==> flow/design.v <==
module mul_rtl (clock, rst_i, op_a_i, op_b_i, m_o);
  parameter BITS = 20;
  parameter WB = 16;
  input clock;
  input rst_i;
  input [BITS-1:0] op_a_i;
  input [WB-1:0] op_b_i;
  output reg [BITS+WB-1:0] m_o;
  reg [BITS-1:0] op_a_d1;
  reg [WB-1:0] op_b_d1;
  always @(posedge clock or posedge rst_i) begin
    if (rst_i) begin
      op_a_d1 <= 0;
      op_b_d1 <= 0;
      m_o <= 0;
    end else begin
      op_a_d1 <= op_a_i;
      op_b_d1 <= op_b_i;
      m_o <= op_a_d1 * op_b_d1;
    end
  end
endmodule
Tool chain data of mul_rtl

The steps from the RTL of mul_rtl to its reports follow in flow order.
Lines are those of the file above, counted from 1.
The mark - stands for no value.

Design top: mul_rtl
Clock port: clock
Library: sky130hd
Corner: tt_025C_1v80

Word-level counts

Yosys after proc, flatten, opt, wreduce and memory -nomap, before mapping. Enables and synchronous resets that opt folds into registers are not counted as muxes. Memory bits, and registers merged into a memory's read port (data or address), are not among the register bits. Print and check cells are not counted. Equal cells are merged and count once.

Input port bits: 38
Word-level cells: 4
Output and inout bits: 36
Bits in registers: 72

Multiply operators: 1

Operator list:

| operator                     | number |
| multiplier 20 x 16 -> 36 bit | 1 |

Longest topological paths

Depth = most cells in a row (Yosys ltp): at word level without a register or memory, in the mapped netlist without a sequential cell, where the memories' decode and read muxes count.

Word-level depth: 1
ABC_AREA: 0
Gate-level depth with buffers: 22
Mapped depth without buffers: 20

Netlist

The flow's flattened synthesis, as Yosys stat reports it; memories are mapped. The netlist is that of the ABC_AREA named above (0 if unset); the other value can give another one.
The area totals of this step are shown rounded.

Cells by type:

| cell type                 | number |
| sky130_fd_sc_hd__fa_1     | 250 |
| sky130_fd_sc_hd__dfrtp_1  | 72 |
| sky130_fd_sc_hd__ha_1     | 108 |
| sky130_fd_sc_hd__inv_1    | 269 |
| sky130_fd_sc_hd__and2_1   | 150 |
| sky130_fd_sc_hd__nand2_1  | 192 |
| sky130_fd_sc_hd__clkbuf_1 | 59 |
| sky130_fd_sc_hd__xnor2_1  | 21 |
| sky130_fd_sc_hd__a21oi_1  | 30 |
| sky130_fd_sc_hd__xor2_1   | 11 |
| sky130_fd_sc_hd__a21o_1   | 12 |
| sky130_fd_sc_hd__o21ai_0  | 16 |
| sky130_fd_sc_hd__nand3_1  | 10 |
| sky130_fd_sc_hd__o21bai_1 | 6 |
| sky130_fd_sc_hd__nor2_1   | 10 |
| sky130_fd_sc_hd__a41oi_1  | 4 |
| sky130_fd_sc_hd__and3_1   | 5 |
| sky130_fd_sc_hd__nand4_1  | 5 |

Not listed: further types 33, cells in them 51.

Area of sequential cells: 0.0018 mm2
Chip area (Yosys): 0.0123 mm2
Buffers: 61
Cell count: 1,281
Flip-flops: 72

Worst setup path after synthesis

Source: OpenSTA report_checks on the synthesized netlist (no wires, ideal clock, input and output delay 20% of the period each), path of least setup slack; recovery checks are left aside. Register names are those of the netlist, which keeps one name where synthesis merged equal registers.

Path kind: register to register
Start point: register op_a_d1[11]
End point: register m_o[35]
Required time: 7.035 ns
Path slack: 1.430 ns
Setup time: 0.125 ns
Stages: 20
Arrival time: 5.605 ns
Buffers on the path: 1
Clock period: 7.16 ns
Delay of the path: 5.730 ns
Synthesis period reached: 5.73 ns

"delay of the path" is the arrival time less input delay plus setup time.
"stages": output pins that drive a net of the path, with the launching flip-flop's if there is one; two outputs of one cell count as two.
"synthesis period reached" is the clock period less the worst setup slack; recovery checks do not enter. This is arithmetic on one report: input and output delays are still those of the set period (20% each).
Between the ends stands the longest chain of elaborated cells between them, by number of cells; it is not shown to be the way that was timed. Of several equally long chains one is given.
Each line given opens the expression or statement behind the cell; cells for indexed reads and writes are added by Yosys, which also makes memories of some case tables.

Cells stage by stage: sky130_fd_sc_hd__dfrtp_1 -> sky130_fd_sc_hd__clkbuf_1 -> sky130_fd_sc_hd__nand2_1 -> sky130_fd_sc_hd__fa_1 -> sky130_fd_sc_hd__fa_1 -> sky130_fd_sc_hd__fa_1 -> sky130_fd_sc_hd__inv_1 -> sky130_fd_sc_hd__fa_1 -> sky130_fd_sc_hd__fa_1 -> sky130_fd_sc_hd__inv_1 -> sky130_fd_sc_hd__fa_1 -> sky130_fd_sc_hd__inv_1 -> sky130_fd_sc_hd__ha_1 -> sky130_fd_sc_hd__and3_1 -> sky130_fd_sc_hd__and3_1 -> sky130_fd_sc_hd__a21oi_2 -> sky130_fd_sc_hd__or4_4 -> sky130_fd_sc_hd__o21ai_2 -> sky130_fd_sc_hd__a41oi_1 -> sky130_fd_sc_hd__xnor2_1
Cells in the longest elaborated chain: 1

Ends and longest elaborated chain, post-synthesis:

| element                      | line | RTL |
| start: declaration           | 9    | `reg [BITS-1:0] op_a_d1;` |
| start: assignment            | 13   | `op_a_d1 <= 0;` |
| start: assignment            | 17   | `op_a_d1 <= op_a_i;` |
| multiplier 20 x 16 -> 36 bit | 19   | `m_o <= op_a_d1 * op_b_d1;` |
| end: assignment              | 15   | `m_o <= 0;` |
| end: assignment              | 19   |  |
| end: declaration             | 8    | `output reg [BITS+WB-1:0] m_o;` |

Path in the finished layout

Path of least setup slack in the final report of entry A (OpenROAD, finished layout, wires in). Where an end is a register, its clock arrival counts in the times.

Path kind: register to register
Start point: register op_b_d1[1]
End point: register m_o[34]
Clock period: 5.22 ns
Buffers on the path: 3
Path slack: -0.79 ns
Required time: 5.47 ns
Arrival time: 6.26 ns
Stages: 20
Setup time: 0.11 ns

Between the ends stands the longest chain of elaborated cells between them, by number of cells; it is not shown to be the way that was timed. Of several equally long chains one is given.

Cells stage by stage: sky130_fd_sc_hd__dfrtp_2 -> sky130_fd_sc_hd__buf_4 -> sky130_fd_sc_hd__buf_12 -> sky130_fd_sc_hd__buf_4 -> sky130_fd_sc_hd__nand2_1 -> sky130_fd_sc_hd__fa_1 -> sky130_fd_sc_hd__fa_1 -> sky130_fd_sc_hd__fa_1 -> sky130_fd_sc_hd__inv_1 -> sky130_fd_sc_hd__fa_1 -> sky130_fd_sc_hd__fa_1 -> sky130_fd_sc_hd__inv_1 -> sky130_fd_sc_hd__fa_1 -> sky130_fd_sc_hd__inv_1 -> sky130_fd_sc_hd__ha_4 -> sky130_fd_sc_hd__nand2_2 -> sky130_fd_sc_hd__or3_4 -> sky130_fd_sc_hd__o31ai_4 -> sky130_fd_sc_hd__a41oi_2 -> sky130_fd_sc_hd__xnor2_1
Cells in the longest elaborated chain: 1

Ends and longest elaborated chain, post-layout:

| element                      | line | RTL |
| start: declaration           | 10   | `reg [WB-1:0] op_b_d1;` |
| start: assignment            | 14   | `op_b_d1 <= 0;` |
| start: assignment            | 18   | `op_b_d1 <= op_b_i;` |
| multiplier 20 x 16 -> 36 bit | 19   | `m_o <= op_a_d1 * op_b_d1;` |
| end: assignment              | 15   | `m_o <= 0;` |
| end: assignment              | 19   |  |
| end: declaration             | 8    | `output reg [BITS+WB-1:0] m_o;` |

Data sheet: physical implementation of mul_rtl

Measured results for mul_rtl: 3 stored runs of the Yosys and OpenROAD flow on sky130hd. The settings differ; the order carries no meaning. The constraints put input and output delay at 20% of the set period each and load the outputs with 0.01 pF.
"period reached" = clock period - worst setup slack. The figure is calculated, with input and output delays left at 20% of the set period.
"time on the worst setup path" is the time allowed to the run's worst setup path (the clock period less input and output delay, where it has them) less its slack. Clock arrival times count: a late capture clock shortens it, a late launch clock lengthens it.
Results are given in rounded form.

## Entry A

==> flow/run.sh <==
#!/bin/bash
# the make line also repeats the synthesis and layout settings of config.mk as NAME=value (left out here)
make -C /OpenROAD-flow-scripts/flow DESIGN_CONFIG=/design/flow/config.mk WORK_HOME=/design/flow/orfs CLKGATE_MAP_FILE= finish
==> flow/config.mk <==
export PLATFORM = sky130hd
export DESIGN_NAME = mul_rtl
export DESIGN_NICKNAME = mul_rtl
export VERILOG_FILES = /design/flow/design.v
export SDC_FILE = /design/flow/constraint.sdc
export NUM_CORES = 4
export LEC_CHECK = 0
export CAP_MARGIN = 40
export CELL_PAD_IN_SITES_DETAIL_PLACEMENT = 1
export CORE_MARGIN = 6
export CORE_UTILIZATION = 45
export CTS_CLUSTER_SIZE = 42
export GPL_ROUTABILITY_DRIVEN = 1
export HOLD_SLACK_MARGIN = 0.01
export PLACE_DENSITY_LB_ADDON = 0.16
export SETUP_SLACK_MARGIN = 1.19
export SLEW_MARGIN = 20
==> flow/constraint.sdc <==
create_clock -name core_clock -period 5.22 [get_ports {clock}]
set_input_delay 1.0440 -clock core_clock [delete_from_list [all_inputs] [get_ports {clock}]]
set_output_delay 1.0440 -clock core_clock [all_outputs]
set_load 0.01 [all_outputs]

| result of entry A | value |
|---|---|
| worst slack on setup checks | -0.790 ns |
| worst hold slack after layout | 0.851 ns |
| standard-cell area after layout | 0.016 mm2 |
| utilization after layout | 0.609 |
| setup total negative slack | -14.2 ns |
| period reached | 6.010 ns |
| time on the worst setup path | 6.01 ns |
| worst setup path kind | register to register |
| total die area | 0.0314 mm2 |
| Yosys chip area after synthesis | 0.0123 mm2 |

## Entry B

==> flow/run.sh <==
#!/bin/bash
# the make line also repeats the synthesis and layout settings of config.mk as NAME=value (left out here)
make -C /OpenROAD-flow-scripts/flow DESIGN_CONFIG=/design/flow/config.mk WORK_HOME=/design/flow/orfs CLKGATE_MAP_FILE= finish
==> flow/config.mk <==
export PLATFORM = sky130hd
export DESIGN_NAME = mul_rtl
export DESIGN_NICKNAME = mul_rtl
export VERILOG_FILES = /design/flow/design.v
export SDC_FILE = /design/flow/constraint.sdc
export NUM_CORES = 4
export LEC_CHECK = 0
export CAP_MARGIN = 20
export CELL_PAD_IN_SITES_DETAIL_PLACEMENT = 0
export CORE_MARGIN = 2
export CORE_UTILIZATION = 57
export CTS_CLUSTER_SIZE = 18
export PLACE_DENSITY_LB_ADDON = 0.11
export SLEW_MARGIN = 20
==> flow/constraint.sdc <==
create_clock -name core_clock -period 5.44 [get_ports {clock}]
set_input_delay 1.0880 -clock core_clock [delete_from_list [all_inputs] [get_ports {clock}]]
set_output_delay 1.0880 -clock core_clock [all_outputs]
set_load 0.01 [all_outputs]

| result of entry B | value |
|---|---|
| Yosys chip area after synthesis | 0.0123 mm2 |
| setup total negative slack | -2.49 ns |
| time on the worst setup path | 5.68 ns |
| worst setup path kind | register to register |
| worst slack on setup checks | -0.239 ns |
| utilization after layout | 0.734 |
| total die area | 0.0227 mm2 |
| standard-cell area after layout | 0.0155 mm2 |
| period reached | 5.679 ns |
| worst hold slack after layout | 0.726 ns |

## Entry C

==> flow/run.sh <==
#!/bin/bash
# the make line also repeats the synthesis and layout settings of config.mk as NAME=value (left out here)
make -C /OpenROAD-flow-scripts/flow DESIGN_CONFIG=/design/flow/config.mk WORK_HOME=/design/flow/orfs CLKGATE_MAP_FILE= finish
==> flow/config.mk <==
export PLATFORM = sky130hd
export DESIGN_NAME = mul_rtl
export DESIGN_NICKNAME = mul_rtl
export VERILOG_FILES = /design/flow/design.v
export SDC_FILE = /design/flow/constraint.sdc
export NUM_CORES = 4
export LEC_CHECK = 0
export CAP_MARGIN = 20
export CORE_MARGIN = 2
export CORE_UTILIZATION = 40
export SLEW_MARGIN = 20
==> flow/constraint.sdc <==
create_clock -name core_clock -period 7.16 [get_ports {clock}]
set_input_delay 1.4320 -clock core_clock [delete_from_list [all_inputs] [get_ports {clock}]]
set_output_delay 1.4320 -clock core_clock [all_outputs]
set_load 0.01 [all_outputs]

| result of entry C | value |
|---|---|
| time on the worst setup path | 6.36 ns |
| worst setup path kind | register to register |
| worst slack on setup checks | 0.797 ns |
| Yosys chip area after synthesis | 0.0123 mm2 |
| worst hold slack after layout | 0.880 ns |
| total die area | 0.0321 mm2 |
| standard-cell area after layout | 0.0136 mm2 |
| setup total negative slack | 0.000 ns |
| period reached | 6.363 ns |
| utilization after layout | 0.447 |
